==> flow/design.v <==
module cpu_aligner_blk #(
  parameter integer WIDTH = 48,
  parameter integer LG = $clog2(WIDTH)
) (
  input  logic sys_clk,
  input  logic clr,
  input  logic step,
  input  logic [WIDTH-1:0] data,
  input  logic [LG-1:0] dist_in,
  output logic [WIDTH-1:0] y
);
  logic [WIDTH-1:0] data_ff;
  logic [LG-1:0] dist_in_ff;
  always_ff @(posedge sys_clk) begin
    if (clr) begin
      data_ff <= '0;
      dist_in_ff <= '0;
      y <= '0;
    end else if (step) begin
      data_ff <= data;
      dist_in_ff <= dist_in;
      y <= (data_ff << dist_in_ff) | (data_ff >> (WIDTH - dist_in_ff));
    end
  end
endmodule
* Step by step through the tools: cpu_aligner_blk
The steps from the RTL of cpu_aligner_blk to its reports follow in flow order.
Line numbers count from 1 in the design file above.
Cell names lack the library's common part.
The mark - stands for no value.
- Top module :: cpu_aligner_blk
- Clock input :: sys_clk
- Cell library :: sky130hd
- Corner :: tt_025C_1v80

* Word level
Yosys after proc, flatten, opt, wreduce and memory -nomap, before mapping. Enables and synchronous resets that opt folds into registers are not counted as muxes. Memory bits, and registers merged into a memory's read port (data or address), are not among the register bits. Print and check cells are not counted. Equal cells are merged and count once.
- Register bits after elaboration :: 102
- Bits of input ports :: 57
- Output and inout bits :: 48
- Word-level cells :: 7
- Add/sub/neg operators :: 1
- Shift operators :: 2
- Bitwise operators :: 1
** Operators by type and width (count)
- right shift 48 x 32 -> 48 bit :: 1
- OR 48 bit :: 1
- << shifter 48 x 6 -> 48 bit :: 1
- subtractor 6 x 6 -> 7 bit with constant A :: 1

* Logic depth
Longest topological path by Yosys (ltp), each cell counted once; first at word level (registers and memories cut), then after technology mapping (sequential cells cut; the memories' decode and read muxes count).
- Depth after elaboration :: 3
- ABC_AREA :: 0
- Mapped depth :: 17
- Gate-level depth less buffers :: 8

* After synthesis
The flow's flattened synthesis, as Yosys stat reports it; memories are mapped. The netlist is that of the ABC_AREA named above (0 if unset); the other value can give another one.
- Mapped cells :: 1108
- Synthesis area :: 0.0102849 mm^2
- Area of sequential cells :: 0.002042 mm^2
- Flip-flop cells :: 102
- Buffers :: 127
** Cell types
- mux4_2 :: count 100, total area 2252.16 um^2
- dfxtp_1 :: count 102, total area 2.04E+03 um^2
- mux2i_1 :: count 128, total area 1.28E+03 um^2
- mux2_2 :: count 60, total area 675.648 um^2
- nor2_1 :: count 152, total area 570.547 um^2
- a211oi_1 :: count 37, total area 277.766 um^2
- nand2_1 :: count 74, total area 277.766 um^2
- clkbuf_1 :: count 63, total area 236.477 um^2
- o21ai_0 :: count 40, total area 200.192 um^2
- a21oi_1 :: count 32, total area 160.154 um^2
- buf_4 :: count 21, total area 157.651 um^2
- nand3_1 :: count 27, total area 135.13 um^2
- buf_2 :: count 25, total area 125.12 um^2
- nor3_1 :: count 25, total area 125.12 um^2
- o211ai_1 :: count 16, total area 120.115 um^2
- buf_6 :: count 9, total area 101.347 um^2
- o221ai_1 :: count 11, total area 96.342 um^2
- a221oi_1 :: count 9, total area 78.826 um^2
Not listed: further types 53, cells in them 177.

* Timing after synthesis
Path of least setup slack by OpenSTA after synthesis, without wires, with an ideal clock, recovery checks aside; 20% of the period is set as input and as output delay. Where synthesis merged equal registers, the netlist keeps one of their names.
- Kind :: register -> register
- From :: register dist_in_ff[0]
- To :: register y[4]
- Clock period :: 4380 ps
- Library setup time :: 135 ps
- Time at the first pin :: 0 ps
- Data arrival time :: 3366 ps
- Data required time :: 4245 ps
- Path slack :: 880 ps
- Delay of the path :: 3501 ps
- Stages :: 16
- Path buffers :: 7
- Synthesis period reached :: 3500 ps
"delay of the path" is the arrival time less input delay plus setup time.
"stages" counts driving pins, that of a launching flip-flop among them; a cell with two outputs on the path counts twice.
"synthesis period reached" = period - worst setup slack (recovery checks aside). The figure is calculated, with input and output delays left at 20% of the set period.
Between the ends stands the longest chain of elaborated cells between them, by number of cells; it is not shown to be the way that was timed. Of several equally long chains one is given.
Each line given opens the expression or statement behind the cell; cells for indexed reads and writes are added by Yosys, which also makes memories of some case tables.
- Cells stage by stage :: dfxtp_1 buf_6 inv_1 buf_4 buf_4 buf_2 buf_2 ha_1 buf_4 buf_8 mux2_2 mux4_1 o21ai_0 nor2_1 a211oi_1 a2111oi_2
- Cells in the longest elaborated chain :: 3
- Elaborated cells between the ends (all ways) :: 4
- RTL lines with such cells :: 1
- Those cells by class :: add/sub (1); shift (2); logic (1)
** Ends and longest elaborated chain, post-synthesis
- start: declaration :: line 13 : logic [LG-1:0] dist_in_ff;
- start: assignment :: line 17 : dist_in_ff <= '0;
- start: assignment :: line 21 : dist_in_ff <= dist_in;
- subtractor 6 x 6 -> 7 bit :: line 22 : y <= (data_ff << dist_in_ff) | (data_ff >> (WIDTH - dist_in_ff));
- right shift 48 x 32 -> 48 bit :: line 22
- OR 48 bit :: line 22
- end: assignment :: line 18 : y <= '0;
- end: assignment :: line 22
- end: declaration :: line 10 : output logic [WIDTH-1:0] y

* Timing after layout
From the final timing report of entry A: the path of least setup slack in the routed layout; clock arrival at registers is part of the times.
The path's times are printed in steps of 10 ps; the period is the one set.
- Kind :: register -> register
- From :: register dist_in_ff[0]
- To :: register y[18]
- Clock period :: 4380 ps
- Library setup time :: 120 ps
- Time at the first pin :: 370 ps
- Data arrival time :: 3860 ps
- Data required time :: 4630 ps
- Path slack :: 770 ps
- Stages :: 10
- Path buffers :: 1
Between the ends stands the longest chain of elaborated cells between them, by number of cells; it is not shown to be the way that was timed. Of several equally long chains one is given.
- Cells stage by stage :: dfxtp_4 inv_2 ha_2 buf_12 mux2_2 mux4_2 nor2_1 o311ai_0 a211oi_1 nor3_1
- Cells in the longest elaborated chain :: 3
- Elaborated cells between the ends (all ways) :: 4
- RTL lines with such cells :: 1
- Those cells by class :: add/sub (1); shift (2); logic (1)
** Ends and longest elaborated chain, after layout
- start: declaration :: line 13 : logic [LG-1:0] dist_in_ff;
- start: assignment :: line 17 : dist_in_ff <= '0;
- start: assignment :: line 21 : dist_in_ff <= dist_in;
- subtractor 6 x 6 -> 7 bit :: line 22 : y <= (data_ff << dist_in_ff) | (data_ff >> (WIDTH - dist_in_ff));
- right shift 48 x 32 -> 48 bit :: line 22
- OR 48 bit :: line 22
- end: assignment :: line 18 : y <= '0;
- end: assignment :: line 22
- end: declaration :: line 10 : output logic [WIDTH-1:0] y

## Implementation results

Measured results for cpu_aligner_blk: 3 stored runs of the Yosys and OpenROAD flow on sky130hd. The settings differ; the order carries no meaning. The constraints put input and output delay at 20% of the set period each and load the outputs with 0.01 pF.
"period achieved" means the clock period less the worst setup slack. The figure is calculated, with input and output delays left at 20% of the set period.
By "time used up by the worst setup path" is meant the share of the clock period that the worst setup path is allowed (20% is reserved at inputs, 20% at outputs), minus its slack. Clock arrival times at its registers enter into it.
By "total design power" is meant OpenSTA's value without simulated activity: inputs other than the clock are taken to toggle once in ten clock periods, and the tool carries that through the logic.
"time used up by the worst setup path" is given in steps of 10 ps.

** Entry A
- Settings :: period_ns=4.38; CAP_MARGIN=20; CORE_MARGIN=2; CORE_UTILIZATION=40; SLEW_MARGIN=20
- Chip area after synthesis (Yosys) :: 0.0102849 mm^2
- Time used up by the worst setup path :: 3610 ps
- Critical path kind :: register -> register
- Worst setup slack after layout :: 773 ps
- Worst hold slack :: 480 ps
- Standard-cell area of the final layout :: 0.0116612 mm^2
- Post-route utilization :: 46.3 %
- Period achieved :: 3607 ps
- Post-route setup TNS :: 0 ps
- Total design power :: 3.496 mW
- Die outline area :: 0.0270109 mm^2

** Entry B
- Settings :: period_ns=2.72; CORE_UTILIZATION=67; PLACE_DENSITY=0.84; CORE_ASPECT_RATIO=0.91; CELL_PAD_IN_SITES_GLOBAL_PLACEMENT=3; GPL_TIMING_DRIVEN=1; GPL_ROUTABILITY_DRIVEN=0; MAX_ROUTING_LAYER=met4; CAP_MARGIN=20; CORE_MARGIN=2; SLEW_MARGIN=20
- Outcome :: unfinished; error GPL-0301 in placement

** Entry C
- Settings :: period_ns=2.9; CORE_UTILIZATION=52; SETUP_SLACK_MARGIN=0.31; PLACE_DENSITY=0.61; CORE_ASPECT_RATIO=0.57; GPL_TIMING_DRIVEN=1; CTS_CLUSTER_DIAMETER=391; SLEW_MARGIN=15; MIN_ROUTING_LAYER=met1; MAX_ROUTING_LAYER=met4; CAP_MARGIN=20; CORE_MARGIN=2
- Chip area after synthesis (Yosys) :: 0.0102849 mm^2
- Time used up by the worst setup path :: 2830 ps
- Critical path kind :: register -> register
- Worst setup slack after layout :: 67 ps
- Worst hold slack :: 485 ps
- Standard-cell area of the final layout :: 0.0144251 mm^2
- Post-route utilization :: 75.1 %
- Period achieved :: 2833 ps
- Post-route setup TNS :: 0 ps
- Total design power :: 6.528 mW
- Die outline area :: 0.0209645 mm^2
